==> flow/design.v <==
module u_shifter_v2 #(
  parameter int NBITS = 12,
  parameter int SEL_W = $clog2(NBITS)
) (
  input  logic clk,
  input  logic [NBITS-1:0] din_i,
  input  logic [SEL_W-1:0] by_i,
  output logic [NBITS-1:0] o_o
);
  logic [NBITS-1:0] r_din;
  logic [SEL_W-1:0] r_by;
  always_ff @(posedge clk) begin
    r_din <= din_i;
    r_by <= by_i;
  end
  wire [NBITS-1:0] lvl [0:SEL_W];
  assign lvl[0] = r_din;
  generate
    for (genvar i = 0; i < SEL_W; i++) begin : gen
      assign lvl[i+1] = r_by[i] ? (lvl[i] << (1 << i)) | (lvl[i] >> (NBITS - (1 << i))) : lvl[i];
    end
  endgenerate
  assign o_o = lvl[SEL_W];
endmodule
---- Reports on u_shifter_v2 ----
Tool output for the design above, in the order of the flow.
Lines are those of the file above, counted from 1.
Cell names lack the library's common part.
Not given: n/a
inputs
  top module .............................. u_shifter_v2
  clock input ............................. clk
  cell library ............................ sky130hd
  library corner .......................... tt_025C_1v80

---- After elaboration ----
Counts by Yosys on the flattened word-level netlist (proc, flatten, opt, wreduce). Print and check cells are left out. Cells with the same type and inputs are merged into one.
storage and ports
  flip-flop bits (word level) ............. 16
  output and inout bits ................... 12
operators by class
  bitwise gates (word level) .............. 4
  multiplexer cells ....................... 4
operators by type and width
  cell                                   number
  12-bit two-way mux                     4
  12-bit by 1-bit OR with 12-bit output  1
  12-bit by 2-bit OR with 12-bit output  1
  12-bit by 4-bit OR with 12-bit output  1
  12-bit by 8-bit OR with 12-bit output  1

---- Longest topological paths ----
Yosys ltp: most cells in a row. Word level: on the elaborated netlist, between registers, memories and ports. Mapped: between sequential cells and ports; inverters and the memories' decode and read muxes count.
logic depth
  depth after elaboration ................. 8
  ABC_AREA ................................ 0
  gate-level depth with buffers ........... 4
  mapped depth without buffers ............ 3

---- Synthesis result ----
Yosys stat after the flow's synthesis: flattened, memories mapped to cells. It holds for the ABC_AREA given above (unset counts as 0); a run with the other value may have another netlist.
synthesis totals
  area of sequential cells ................ 320.3 µm²
  cell area after synthesis ............... 862.1 µm²
  standard cells after synthesis .......... 74
  flip-flop cells ......................... 16
cells by type
  type      number  total area (µm²)
  dfxtp_1   16      320.307
  mux4_2    8       180.173
  mux4_1    4       105.101
  a22oi_1   12      90.086
  o21ai_0   12      60.058
  nand2_1   12      45.043
  buf_6     2       22.522
  nor2b_1   2       12.512
  clkbuf_1  3       11.261
  and2_1    1       6.256
  buf_2     1       5.005
  nor2_1    1       3.754

---- Worst setup path after synthesis ----
Source: OpenSTA report_checks on the synthesized netlist (no wires, ideal clock, input and output delay 20% of the period each), path of least setup slack; recovery checks are left aside. Register names are those of the netlist, which keeps one name where synthesis merged equal registers.
timing post-synthesis
  kind .................................... register to output
  from .................................... register r_by[0]
  to ...................................... output o_o[0]
  slack ................................... 0.336 ns
  output delay ............................ 0.420 ns
  period .................................. 2.1 ns
  driving pins on the path ................ 5
  data arrival time ....................... 1.344 ns
  delay of the path ....................... 1.344 ns
  data required time ...................... 1.680 ns
  buffers on the path ..................... 1
  time at the first pin ................... 0.000 ns
  synthesis period reached ................ 1.764 ns
"delay of the path" = arrival - input delay + setup time.
A path that ends at an output port has no setup time.
"driving pins on the path" counts driving pins, that of a launching flip-flop among them; a cell with two outputs on the path counts twice.
"synthesis period reached" is the clock period less the worst setup slack; recovery checks do not enter. This is arithmetic on one report: input and output delays are still those of the set period (20% each).
Between the ends stands the longest chain of elaborated cells between them, by number of cells; it is not shown to be the way that was timed. Of several equally long chains one is given.
A line is the first line of the expression or statement that the cell stems from. Yosys adds cells for indexed reads and writes and turns some case tables into memories.
between the ends, post-synthesis
  cells stage by stage .................... dfxtp_1 -> buf_6 -> mux4_2 -> a22oi_1 -> nand2_1
  cells in the longest elaborated chain ... 7
ends and longest elaborated chain, post-synthesis
  element                                line  source
  from (decl)                            11    logic [SEL_W-1:0] r_by;
  from (assign)                          14    r_by <= by_i;
  12-bit two-way mux                     20    assign lvl[i+1] = r_by[i] ? (lvl[i] << (1 << i)) | (lvl[i] >> (NBITS - (1 << i))) : lvl[i];
  12-bit by 2-bit OR with 12-bit output  20
  12-bit two-way mux                     20
  12-bit by 4-bit OR with 12-bit output  20
  12-bit two-way mux                     20
  12-bit by 8-bit OR with 12-bit output  20
  12-bit two-way mux                     20
  to (decl)                              8     output logic [NBITS-1:0] o_o

---- Timing after layout ----
Path of least setup slack in the final report of stored run 1 (OpenROAD, finished layout, wires in). Where an end is a register, its clock arrival counts in the times.
timing after layout
  kind .................................... register to output
  from .................................... register r_by[0]
  to ...................................... output o_o[1]
  period .................................. 1.99 ns
  time at the first pin ................... 0.27 ns
  buffers on the path ..................... 2
  output delay ............................ 0.40 ns
  data required time ...................... 1.59 ns
  slack ................................... -0.13 ns
  data arrival time ....................... 1.72 ns
  driving pins on the path ................ 6
Between the ends stands the longest chain of elaborated cells between them, by number of cells; it is not shown to be the way that was timed. Of several equally long chains one is given.
between the ends, after layout
  cells stage by stage .................... dfxtp_4 -> buf_8 -> mux4_2 -> a22oi_2 -> nand2_1 -> buf_2
  cells in the longest elaborated chain ... 7
ends and longest elaborated chain, after layout
  element                                line  source
  from (decl)                            11    logic [SEL_W-1:0] r_by;
  from (assign)                          14    r_by <= by_i;
  12-bit two-way mux                     20    assign lvl[i+1] = r_by[i] ? (lvl[i] << (1 << i)) | (lvl[i] >> (NBITS - (1 << i))) : lvl[i];
  12-bit by 2-bit OR with 12-bit output  20
  12-bit two-way mux                     20
  12-bit by 4-bit OR with 12-bit output  20
  12-bit two-way mux                     20
  12-bit by 8-bit OR with 12-bit output  20
  12-bit two-way mux                     20
  to (decl)                              8     output logic [NBITS-1:0] o_o

FLOW RESULTS
============

Record of 3 stored runs of the RTL-to-layout flow on u_shifter_v2, platform sky130hd. The runs are unordered. Constraints: input delay and output delay 20% of the set period each, output load 0.01 pF.
"worst setup path time (ns)": the worst setup path's part of the clock period (all of it between registers, 20% less for each end at a port) less its slack. A launch clock that arrives late makes it longer, a capture clock that arrives late makes it shorter.

Flow files of stored run 1
==> flow/run.sh <==
#!/bin/bash
# the make line also repeats the synthesis and layout settings of config.mk as NAME=value (left out here)
make -C /OpenROAD-flow-scripts/flow DESIGN_CONFIG=/design/flow/config.mk WORK_HOME=/design/flow/orfs CLKGATE_MAP_FILE= finish
==> flow/config.mk <==
export PLATFORM = sky130hd
export DESIGN_NAME = u_shifter_v2
export DESIGN_NICKNAME = u_shifter_v2
export VERILOG_FILES = /design/flow/design.v
export SDC_FILE = /design/flow/constraint.sdc
export NUM_CORES = 4
export LEC_CHECK = 0
export ABC_AREA = 0
export CAP_MARGIN = 25
export CELL_PAD_IN_SITES_DETAIL_PLACEMENT = 0
export CORE_MARGIN = 7
export CORE_UTILIZATION = 37
export CTS_CLUSTER_DIAMETER = 249
export GPL_ROUTABILITY_DRIVEN = 0
export PLACE_DENSITY_LB_ADDON = 0.16
export SLEW_MARGIN = 20
export TNS_END_PERCENT = 40
==> flow/constraint.sdc <==
create_clock -name core_clock -period 1.99 [get_ports {clk}]
set_input_delay 0.3980 -clock core_clock [delete_from_list [all_inputs] [get_ports {clk}]]
set_output_delay 0.3980 -clock core_clock [all_outputs]
set_load 0.01 [all_outputs]

report of stored run 1
yosys chip area after synthesis (um^2): 862.1
finish__design__die__area: 3877.6
finish__design__instance__area__stdcell: 1247.5
finish__design__instance__utilization: 0.5639
finish__timing__setup__ws: -0.128
finish__timing__setup__tns: -1.072
worst setup path time (ns): 1.72
worst setup path kind: register to output

Flow files of stored run 2
==> flow/run.sh <==
#!/bin/bash
# the make line also repeats the synthesis and layout settings of config.mk as NAME=value (left out here)
make -C /OpenROAD-flow-scripts/flow DESIGN_CONFIG=/design/flow/config.mk WORK_HOME=/design/flow/orfs CLKGATE_MAP_FILE= finish
==> flow/config.mk <==
export PLATFORM = sky130hd
export DESIGN_NAME = u_shifter_v2
export DESIGN_NICKNAME = u_shifter_v2
export VERILOG_FILES = /design/flow/design.v
export SDC_FILE = /design/flow/constraint.sdc
export NUM_CORES = 4
export LEC_CHECK = 0
export CAP_MARGIN = 20
export CORE_MARGIN = 2
export CORE_UTILIZATION = 40
export SLEW_MARGIN = 20
==> flow/constraint.sdc <==
create_clock -name core_clock -period 2.1 [get_ports {clk}]
set_input_delay 0.4200 -clock core_clock [delete_from_list [all_inputs] [get_ports {clk}]]
set_output_delay 0.4200 -clock core_clock [all_outputs]
set_load 0.01 [all_outputs]

report of stored run 2
yosys chip area after synthesis (um^2): 862.1
finish__design__die__area: 2542.7
finish__design__instance__area__stdcell: 1211.2
finish__design__instance__utilization: 0.6050
finish__timing__setup__ws: -0.040
finish__timing__setup__tns: -0.137
worst setup path time (ns): 1.72
worst setup path kind: register to output

Flow files of stored run 3
==> flow/run.sh <==
#!/bin/bash
# the make line also repeats the synthesis and layout settings of config.mk as NAME=value (left out here)
make -C /OpenROAD-flow-scripts/flow DESIGN_CONFIG=/design/flow/config.mk WORK_HOME=/design/flow/orfs CLKGATE_MAP_FILE= finish
==> flow/config.mk <==
export PLATFORM = sky130hd
export DESIGN_NAME = u_shifter_v2
export DESIGN_NICKNAME = u_shifter_v2
export VERILOG_FILES = /design/flow/design.v
export SDC_FILE = /design/flow/constraint.sdc
export NUM_CORES = 4
export LEC_CHECK = 0
export ABC_AREA = 0
export CAP_MARGIN = 20
export CELL_PAD_IN_SITES_GLOBAL_PLACEMENT = 0
export CORE_ASPECT_RATIO = 1.68
export CORE_MARGIN = 2
export CORE_UTILIZATION = 18
export GPL_TIMING_DRIVEN = 0
export SETUP_SLACK_MARGIN = 0.46
export SLEW_MARGIN = 20
==> flow/constraint.sdc <==
create_clock -name core_clock -period 2.32 [get_ports {clk}]
set_input_delay 0.4640 -clock core_clock [delete_from_list [all_inputs] [get_ports {clk}]]
set_output_delay 0.4640 -clock core_clock [all_outputs]
set_load 0.01 [all_outputs]

report of stored run 3
yosys chip area after synthesis (um^2): 862.1
finish__design__die__area: 5377.4
finish__design__instance__area__stdcell: 1291.2
finish__design__instance__utilization: 0.2804
finish__timing__setup__ws: 0.119
finish__timing__setup__tns: 0.000
worst setup path time (ns): 1.74
worst setup path kind: register to output
